==> flow/design.v <==
module core_mag_cmp_rtl #(
  parameter WIDTH = 56
) (
  input clk_i,
  input i_rst_n,
  input [WIDTH-1:0] rs1_in,
  input [WIDTH-1:0] rs2_in,
  output reg a_gt_b_out,
  output reg lt_out
);
  reg g;
  reg l;
  integer n;
  always @* begin
    g = 1'b0;
    l = 1'b0;
    for (n = WIDTH-1; n >= 0; n = n - 1) begin
      if (!g && !l) begin
        g = rs1_in[n] & ~rs2_in[n];
        l = ~rs1_in[n] & rs2_in[n];
      end
    end
  end
  always @(posedge clk_i or negedge i_rst_n) begin
    if (!i_rst_n) begin
      a_gt_b_out <= 1'b0;
      lt_out <= 1'b0;
    end else begin
      a_gt_b_out <= g;
      lt_out <= l;
    end
  end
endmodule
# Reports on core_mag_cmp_rtl

The steps from the RTL of core_mag_cmp_rtl to its reports follow in flow order.
Lines are those of the file above, counted from 1.
Library cell names are shortened.
Not given: -

Design top: core_mag_cmp_rtl
Clock input: clk_i
Standard-cell library: sky130hd
Timing corner: tt_025C_1v80

# Word level

Yosys after proc, flatten, opt, wreduce and memory -nomap, before mapping. Enables and synchronous resets that opt folds into registers are not counted as muxes. Memory bits, and registers merged into a memory's read port (data or address), are not among the register bits. Print and check cells are not counted. Equal cells are merged and count once.

Register bits: 2
Cells after elaboration: 501
Output and inout bits: 2
Input port bits: 114

Reduce/logical cells: 165
Multiplexer cells: 110
Bitwise logic cells: 224

Operators with widths:

| kind              | count |
| bitwise AND 1 bit | 112 |
| inverter 1 bit    | 112 |
| logical NOT 1 bit | 110 |
| 2-to-1 mux 1 bit  | 110 |
| logical AND 1 bit | 55 |

# Longest topological paths

Longest topological path by Yosys (ltp), each cell counted once; first at word level (registers and memories cut), then after technology mapping (sequential cells cut; the memories' decode and read muxes count).

Depth after elaboration: 167
ABC_AREA: 0
Depth in mapped cells: 9
Depth with buffers taken out: 9

# Netlist

The flow's flattened synthesis, as Yosys stat reports it; memories are mapped. The netlist is that of the ABC_AREA named above (0 if unset); the other value can give another one.
The area totals of this step are shown rounded.

Cell types:

| type      | count |
| maj3_1    | 28 |
| nor2b_1   | 29 |
| nand2b_1  | 26 |
| inv_1     | 32 |
| a21oi_1   | 22 |
| maj3_2    | 6 |
| dfrtp_1   | 2 |
| nand2_1   | 11 |
| o21ai_0   | 8 |
| o211ai_1  | 5 |
| o21ai_1   | 7 |
| nor2_1    | 9 |
| a31oi_1   | 5 |
| o31ai_1   | 4 |
| a2111oi_0 | 3 |
| o221ai_1  | 3 |
| ha_1      | 2 |
| o21bai_1  | 3 |

Other cell types: 23; their cells: 38.

Buffer cells: 0
Synthesis area: 1,597 um2
Cell count: 243
Mapped flip-flops: 2
Sequential part of the area: 50.0 um2

# Worst setup path after synthesis

Source: OpenSTA report_checks on the synthesized netlist (no wires, ideal clock, input and output delay 20% of the period each), path of least setup slack; recovery checks are left aside. Register names are those of the netlist, which keeps one name where synthesis merged equal registers.

Path type: input to register
Start: input rs2_in[14]
End: register lt_out
External input delay: 0.584 ns
Stages: 8
Path delay: 1.872 ns
Setup slack: 0.464 ns
Setup time: 0.127 ns
Data arrival time: 2.329 ns
Clock period: 2.92 ns
Buffers on the path: 0
Synthesis period reached: 2.456 ns

"path delay" = arrival - input delay + setup time.
"stages" counts driving pins, that of a launching flip-flop among them; a cell with two outputs on the path counts twice.
"synthesis period reached" = period - worst setup slack (recovery checks aside). The figure is calculated, with input and output delays left at 20% of the set period.
Between the ends stands the longest chain of elaborated cells between them, by number of cells; it is not shown to be the way that was timed. Of several equally long chains one is given.
Each line given opens the expression or statement behind the cell; cells for indexed reads and writes are added by Yosys, which also makes memories of some case tables.

Cell sequence: nor2b_1 -> maj3_2 -> maj3_2 -> maj3_2 -> o41ai_2 -> o21ai_1 -> a41oi_1 -> o21ai_1
Length of the longest elaborated chain: 45
Elaborated cells on any way between the ends: 74
RTL lines with such cells: 3
Classes of those cells: 29 x mux; 3 x logic; 42 x reduce/logical

Ends and longest elaborated chain, after synthesis:

| item              | RTL line | text |
| from (decl)       | 7        | `input [WIDTH-1:0] rs2_in,` |
| inverter 1 bit    | 19       | `g = rs1_in[n] & ~rs2_in[n];` |
| bitwise AND 1 bit | 19       |  |
| 2-to-1 mux 1 bit  | 18       | `if (!g && !l) begin` |
| logical NOT 1 bit | 18       |  |
| logical AND 1 bit | 18       |  |
| 2-to-1 mux 1 bit  | 18       |  |
| logical NOT 1 bit | 18       |  |
| (+31 left out)    | -        |  |
| 2-to-1 mux 1 bit  | 18       |  |
| logical NOT 1 bit | 18       |  |
| logical AND 1 bit | 18       |  |
| 2-to-1 mux 1 bit  | 18       |  |
| logical NOT 1 bit | 18       |  |
| logical AND 1 bit | 18       |  |
| 2-to-1 mux 1 bit  | 18       |  |
| to (assign)       | 27       | `lt_out <= 1'b0;` |
| to (assign)       | 30       | `lt_out <= l;` |
| to (decl)         | 9        | `output reg lt_out` |

# Path in the finished layout

Path of least setup slack in the final report of flow run 1 (OpenROAD, finished layout, wires in). Where an end is a register, its clock arrival counts in the times.

Path type: input to register
Start: input rs1_in[46]
End: register a_gt_b_out
Setup slack: -0.56 ns
Setup time: 0.13 ns
Clock period: 1.47 ns
External input delay: 0.29 ns
Stages: 9
Buffers on the path: 1
Data arrival time: 2.11 ns

Between the ends stands the longest chain of elaborated cells between them, by number of cells; it is not shown to be the way that was timed. Of several equally long chains one is given.

Cell sequence: clkdlybuf4s15_1 -> nand2b_4 -> maj3_2 -> maj3_2 -> o21ai_2 -> a21oi_2 -> o21ai_2 -> nor4_2 -> or3_1
Length of the longest elaborated chain: 141
Elaborated cells on any way between the ends: 234
RTL lines with such cells: 3
Classes of those cells: 93 x mux; 3 x logic; 138 x reduce/logical

Ends and longest elaborated chain, after layout:

| item              | RTL line | text |
| from (decl)       | 6        | `input [WIDTH-1:0] rs1_in,` |
| inverter 1 bit    | 20       | `l = ~rs1_in[n] & rs2_in[n];` |
| bitwise AND 1 bit | 20       |  |
| 2-to-1 mux 1 bit  | 18       | `if (!g && !l) begin` |
| logical NOT 1 bit | 18       |  |
| logical AND 1 bit | 18       |  |
| 2-to-1 mux 1 bit  | 18       |  |
| logical NOT 1 bit | 18       |  |
| (+127 left out)   | -        |  |
| 2-to-1 mux 1 bit  | 18       |  |
| logical NOT 1 bit | 18       |  |
| logical AND 1 bit | 18       |  |
| 2-to-1 mux 1 bit  | 18       |  |
| logical NOT 1 bit | 18       |  |
| logical AND 1 bit | 18       |  |
| 2-to-1 mux 1 bit  | 18       |  |
| to (assign)       | 26       | `a_gt_b_out <= 1'b0;` |
| to (assign)       | 29       | `a_gt_b_out <= g;` |
| to (decl)         | 8        | `output reg a_gt_b_out,` |

Ticket comment

Module core_mag_cmp_rtl, platform sky130hd: 3 stored runs of the flow (Yosys, OpenROAD) with differing settings, in no particular order. Input and output delays are each 20% of the period that was set; the output load is 0.01 pF.
"worst path time" means the part of the period allowed to the worst setup path (the constraints hold back 20% at inputs and 20% at outputs) less its slack; where the path has registers, the arrival times of their clocks count too.
By "total power of the final layout" is meant OpenSTA's value without simulated activity: inputs other than the clock are taken to toggle once in ten clock periods, and the tool carries that through the logic.
Measured values are rounded.
Among the settings, n/a means not set for that run.

| item                                                    | flow run 1        | flow run 2        | flow run 3        |
| period_ns                                               | 1.47              | 2.92              | 4.37              |
| CORE_UTILIZATION                                        | 24                | 40                | 39                |
| SETUP_SLACK_MARGIN                                      | 0.19              | n/a               | 1.23              |
| PLACE_DENSITY                                           | 0.44              | n/a               | n/a               |
| CORE_ASPECT_RATIO                                       | 1.51              | n/a               | 0.58              |
| CORE_MARGIN                                             | 8                 | 2                 | 2                 |
| GPL_ROUTABILITY_DRIVEN                                  | 1                 | n/a               | 0                 |
| MIN_ROUTING_LAYER                                       | met2              | n/a               | met2              |
| CAP_MARGIN                                              | 20                | 20                | 40                |
| SLEW_MARGIN                                             | 20                | 20                | 20                |
| PLACE_DENSITY_LB_ADDON                                  | n/a               | n/a               | 0.29              |
| TNS_END_PERCENT                                         | n/a               | n/a               | 80                |
| CTS_CLUSTER_SIZE                                        | n/a               | n/a               | 77                |
| CTS_CLUSTER_DIAMETER                                    | n/a               | n/a               | 118               |
| worst path time (ns)                                    | 1.73              | 2.19              | 2.19              |
| critical path kind                                      | input to register | input to register | input to register |
| synthesized cell area (um2)                             | 1,597             | 1,597             | 1,597             |
| total power of the final layout (mW)                    | 1.441             | 0.5469            | 0.3868            |
| worst setup slack after layout (ns)                     | -0.557            | 0.143             | 1.301             |
| area of the standard cells in the finished layout (um2) | 3,777             | 2,864             | 2,920             |
| sum of negative setup slack (ns)                        | -1.099            | 0.000             | 0.000             |
| area inside the die boundary (um2)                      | 9,574             | 4,512             | 4,640             |
